==> flow/design.v <==
module data_mux (i_clk, in_in, choose_in, data_out_out);
   parameter BITS = 24;
   parameter INPUTS = 5;
   input i_clk;
   input [INPUTS*BITS-1:0] in_in;
   input [INPUTS-1:0] choose_in;
   output reg [BITS-1:0] data_out_out;
   reg [BITS-1:0] t;
   integer i;
   always @* begin
      t = 0;
      for (i = INPUTS-1; i >= 0; i = i - 1)
         if (choose_in[i]) t = in_in[i*BITS +: BITS];
   end
   always @(posedge i_clk)
      data_out_out <= t;
endmodule
== From RTL to reports: data_mux ==
The steps from the RTL of data_mux to its reports follow in flow order.
Lines are those of the file above, counted from 1.
Operators: Yosys type, input widths -> output width; for muxes data width and select width s.
Library cell names are shortened.
Not given: --
Set-up
  top: data_mux
  clock port: i_clk
  standard-cell library: sky130hd
  library corner: tt_025C_1v80

== Word level ==
Yosys after proc, flatten, opt, wreduce and memory -nomap, before mapping. Enables and synchronous resets that opt folds into registers are not counted as muxes. Memory bits, and registers merged into a memory's read port (data or address), are not among the register bits. Print and check cells are not counted. Equal cells are merged and count once.
Operators by class
  mux-type cells: 5
Operator list (number)
  $mux 24: 5
Storage and ports
  elaborated cells: 6
  bits in registers: 24
  output and inout port bits: 24

== Logic depth ==
Yosys ltp: most cells in a row. Word level: on the elaborated netlist, between registers, memories and ports. Mapped: between sequential cells and ports; inverters and the memories' decode and read muxes count.
Logic depth
  depth in word-level cells: 5
  ABC_AREA: 0
  gate-level depth with buffers: 5

== After synthesis ==
Yosys stat after the flow's synthesis: flattened, memories mapped to cells. It holds for the ABC_AREA given above (unset counts as 0); a run with the other value may have another netlist.
Totals and module areas in this step are rounded.
Synthesis totals
  chip area (Yosys): 1490 um^2
  sequential part of the area: 480 um^2
  flip-flop cells: 24
  mapped cells: 165
Cells by type
  dfxtp_1: number 24, total area 480.461 um^2
  a41oi_2: number 20, total area 325.312 um^2
  nand3b_1: number 24, total area 180.173 um^2
  nand2_1: number 47, total area 176.419 um^2
  o22ai_1: number 23, total area 143.888 um^2
  a41oi_1: number 4, total area 35.034 um^2
  buf_2: number 7, total area 35.034 um^2
  buf_6: number 3, total area 33.782 um^2
  clkbuf_1: number 6, total area 22.522 um^2
  nor3b_4: number 1, total area 18.768 um^2
  or3b_2: number 1, total area 8.758 um^2
  nand2_2: number 1, total area 6.256 um^2
  nand2b_1: number 1, total area 6.256 um^2
  o21ai_0: number 1, total area 5.005 um^2
  inv_1: number 1, total area 3.754 um^2
  nor2_1: number 1, total area 3.754 um^2

== Worst setup path after synthesis ==
OpenSTA on the mapped netlist: ideal clock, no wires. The path of least setup slack (recovery checks aside). Input and output delay are each 20% of the period. Register names are those of the netlist, which keeps one name where synthesis merged equal registers.
Timing post-synthesis
  kind: in2reg
  from: input (name not given)
  to: register data_out_out[10]
  clock period: 1.28 ns
  arrival time: 1.000 ns
  buffers on the path: 2
  slack: 0.203 ns
  data required time: 1.203 ns
  launch time at the first pin: 0.256 ns
  stages on the path: 5
  path delay: 0.821 ns
  external input delay: 0.256 ns
  synthesis period reached: 1.077 ns
"path delay" is the arrival time less input delay plus setup time.
"stages on the path" counts driving pins, that of a launching flip-flop among them; a cell with two outputs on the path counts twice.
"synthesis period reached" is the clock period less the worst setup slack; recovery checks do not enter. This is arithmetic on one report: input and output delays are still those of the set period (20% each).
The rows between start and end are the longest chain of elaborated cells between them; the timing report does not say that the signal goes this way. Where chains are equally long, one stands for them.
A line is the first line of the expression or statement that the cell stems from. Yosys adds cells for indexed reads and writes and turns some case tables into memories.
Between the ends, post-synthesis
  cells stage by stage: buf_6 nor3b_4 buf_6 nand2_1 a41oi_2
  length of the longest elaborated chain: 4
  elaborated cells on any way between the ends: 4
Ends and longest elaborated chain, post-synthesis
  start, declared: line 6
  $mux 24 x4: line 13
  end, assigned: line 16  | data_out_out <= t;
  end, declared: line 7  | output reg [BITS-1:0] data_out_out;

== Timing after layout ==
Path of least setup slack in the final report of stored run 1 (OpenROAD, finished layout, wires in). Where an end is a register, its clock arrival counts in the times.
Timing after layout
  kind: in2reg
  from: input (name not given)
  to: register data_out_out[19]
  stages on the path: 6
  slack: 0.02 ns
  arrival time: 1.46 ns
  external input delay: 0.26 ns
  data required time: 1.47 ns
  launch time at the first pin: 0.26 ns
  buffers on the path: 3
  clock period: 1.28 ns
The rows between start and end are the longest chain of elaborated cells between them; the timing report does not say that the signal goes this way. Where chains are equally long, one stands for them.
Between the ends, after layout
  cells stage by stage: clkdlybuf4s50_1 nor3b_4 buf_4 clkbuf_16 nand2_1 a41oi_2
  length of the longest elaborated chain: 5
  elaborated cells on any way between the ends: 5
Ends and longest elaborated chain, after layout
  start, declared: line 6
  $mux 24 x5: line 13
  end, assigned: line 16  | data_out_out <= t;
  end, declared: line 7  | output reg [BITS-1:0] data_out_out;

Appendix: measured runs

Record of 3 stored runs of the RTL-to-layout flow on data_mux, platform sky130hd. The runs are unordered. Constraints: input delay and output delay 20% of the set period each, output load 0.01 pF.
"worst setup path time": the worst setup path's part of the clock period (all of it between registers, 20% less for each end at a port) less its slack. A launch clock that arrives late makes it longer, a capture clock that arrives late makes it shorter.
The measured numbers are rounded.

Stored run 1
==> flow/run.sh <==
#!/bin/bash
# the make line also repeats the synthesis and layout settings of config.mk as NAME=value (left out here)
make -C /OpenROAD-flow-scripts/flow DESIGN_CONFIG=/design/flow/config.mk WORK_HOME=/design/flow/orfs CLKGATE_MAP_FILE= finish
==> flow/config.mk <==
export PLATFORM = sky130hd
export DESIGN_NAME = data_mux
export DESIGN_NICKNAME = data_mux
export VERILOG_FILES = /design/flow/design.v
export SDC_FILE = /design/flow/constraint.sdc
export NUM_CORES = 4
export LEC_CHECK = 0
export CAP_MARGIN = 20
export CORE_MARGIN = 2
export CORE_UTILIZATION = 40
export SLEW_MARGIN = 20
==> flow/constraint.sdc <==
create_clock -name core_clock -period 1.28 [get_ports {i_clk}]
set_input_delay 0.2560 -clock core_clock [delete_from_list [all_inputs] [get_ports {i_clk}]]
set_output_delay 0.2560 -clock core_clock [all_outputs]
set_load 0.01 [all_outputs]

==> results of stored run 1 <==
chip area after synthesis (Yosys): 1490 um^2
die area: 4220 um^2
utilization: 88.2 %
worst setup slack after layout: 0.018 ns
total negative slack: 0.000 ns
worst setup path time: 1.01 ns
worst setup path kind: in2reg

Stored run 2
==> flow/run.sh <==
#!/bin/bash
# the make line also repeats the synthesis and layout settings of config.mk as NAME=value (left out here)
make -C /OpenROAD-flow-scripts/flow DESIGN_CONFIG=/design/flow/config.mk WORK_HOME=/design/flow/orfs CLKGATE_MAP_FILE= finish
==> flow/config.mk <==
export PLATFORM = sky130hd
export DESIGN_NAME = data_mux
export DESIGN_NICKNAME = data_mux
export VERILOG_FILES = /design/flow/design.v
export SDC_FILE = /design/flow/constraint.sdc
export NUM_CORES = 4
export LEC_CHECK = 0
export ABC_AREA = 1
export CAP_MARGIN = 20
export CORE_MARGIN = 10
export CORE_UTILIZATION = 56
export CTS_CLUSTER_DIAMETER = 300
export GPL_ROUTABILITY_DRIVEN = 0
export GPL_TIMING_DRIVEN = 1
export PLACE_DENSITY_LB_ADDON = 0.15
export SLEW_MARGIN = 20
==> flow/constraint.sdc <==
create_clock -name core_clock -period 1.5 [get_ports {i_clk}]
set_input_delay 0.3000 -clock core_clock [delete_from_list [all_inputs] [get_ports {i_clk}]]
set_output_delay 0.3000 -clock core_clock [all_outputs]
set_load 0.01 [all_outputs]

==> results of stored run 2 <==
did not finish, placement stopped with FLW-0024

Stored run 3
==> flow/run.sh <==
#!/bin/bash
# the make line also repeats the synthesis and layout settings of config.mk as NAME=value (left out here)
make -C /OpenROAD-flow-scripts/flow DESIGN_CONFIG=/design/flow/config.mk WORK_HOME=/design/flow/orfs CLKGATE_MAP_FILE= finish
==> flow/config.mk <==
export PLATFORM = sky130hd
export DESIGN_NAME = data_mux
export DESIGN_NICKNAME = data_mux
export VERILOG_FILES = /design/flow/design.v
export SDC_FILE = /design/flow/constraint.sdc
export NUM_CORES = 4
export LEC_CHECK = 0
export ABC_AREA = 0
export CAP_MARGIN = 15
export CELL_PAD_IN_SITES_DETAIL_PLACEMENT = 0
export CELL_PAD_IN_SITES_GLOBAL_PLACEMENT = 1
export CORE_ASPECT_RATIO = 0.85
export CORE_MARGIN = 7
export CORE_UTILIZATION = 42
export GPL_ROUTABILITY_DRIVEN = 1
export PLACE_DENSITY_LB_ADDON = 0.11
export SETUP_SLACK_MARGIN = 0.0
export SLEW_MARGIN = 20
export TNS_END_PERCENT = 40
==> flow/constraint.sdc <==
create_clock -name core_clock -period 0.674 [get_ports {i_clk}]
set_input_delay 0.1348 -clock core_clock [delete_from_list [all_inputs] [get_ports {i_clk}]]
set_output_delay 0.1348 -clock core_clock [all_outputs]
set_load 0.01 [all_outputs]

==> results of stored run 3 <==
did not finish, placement stopped with FLW-0024
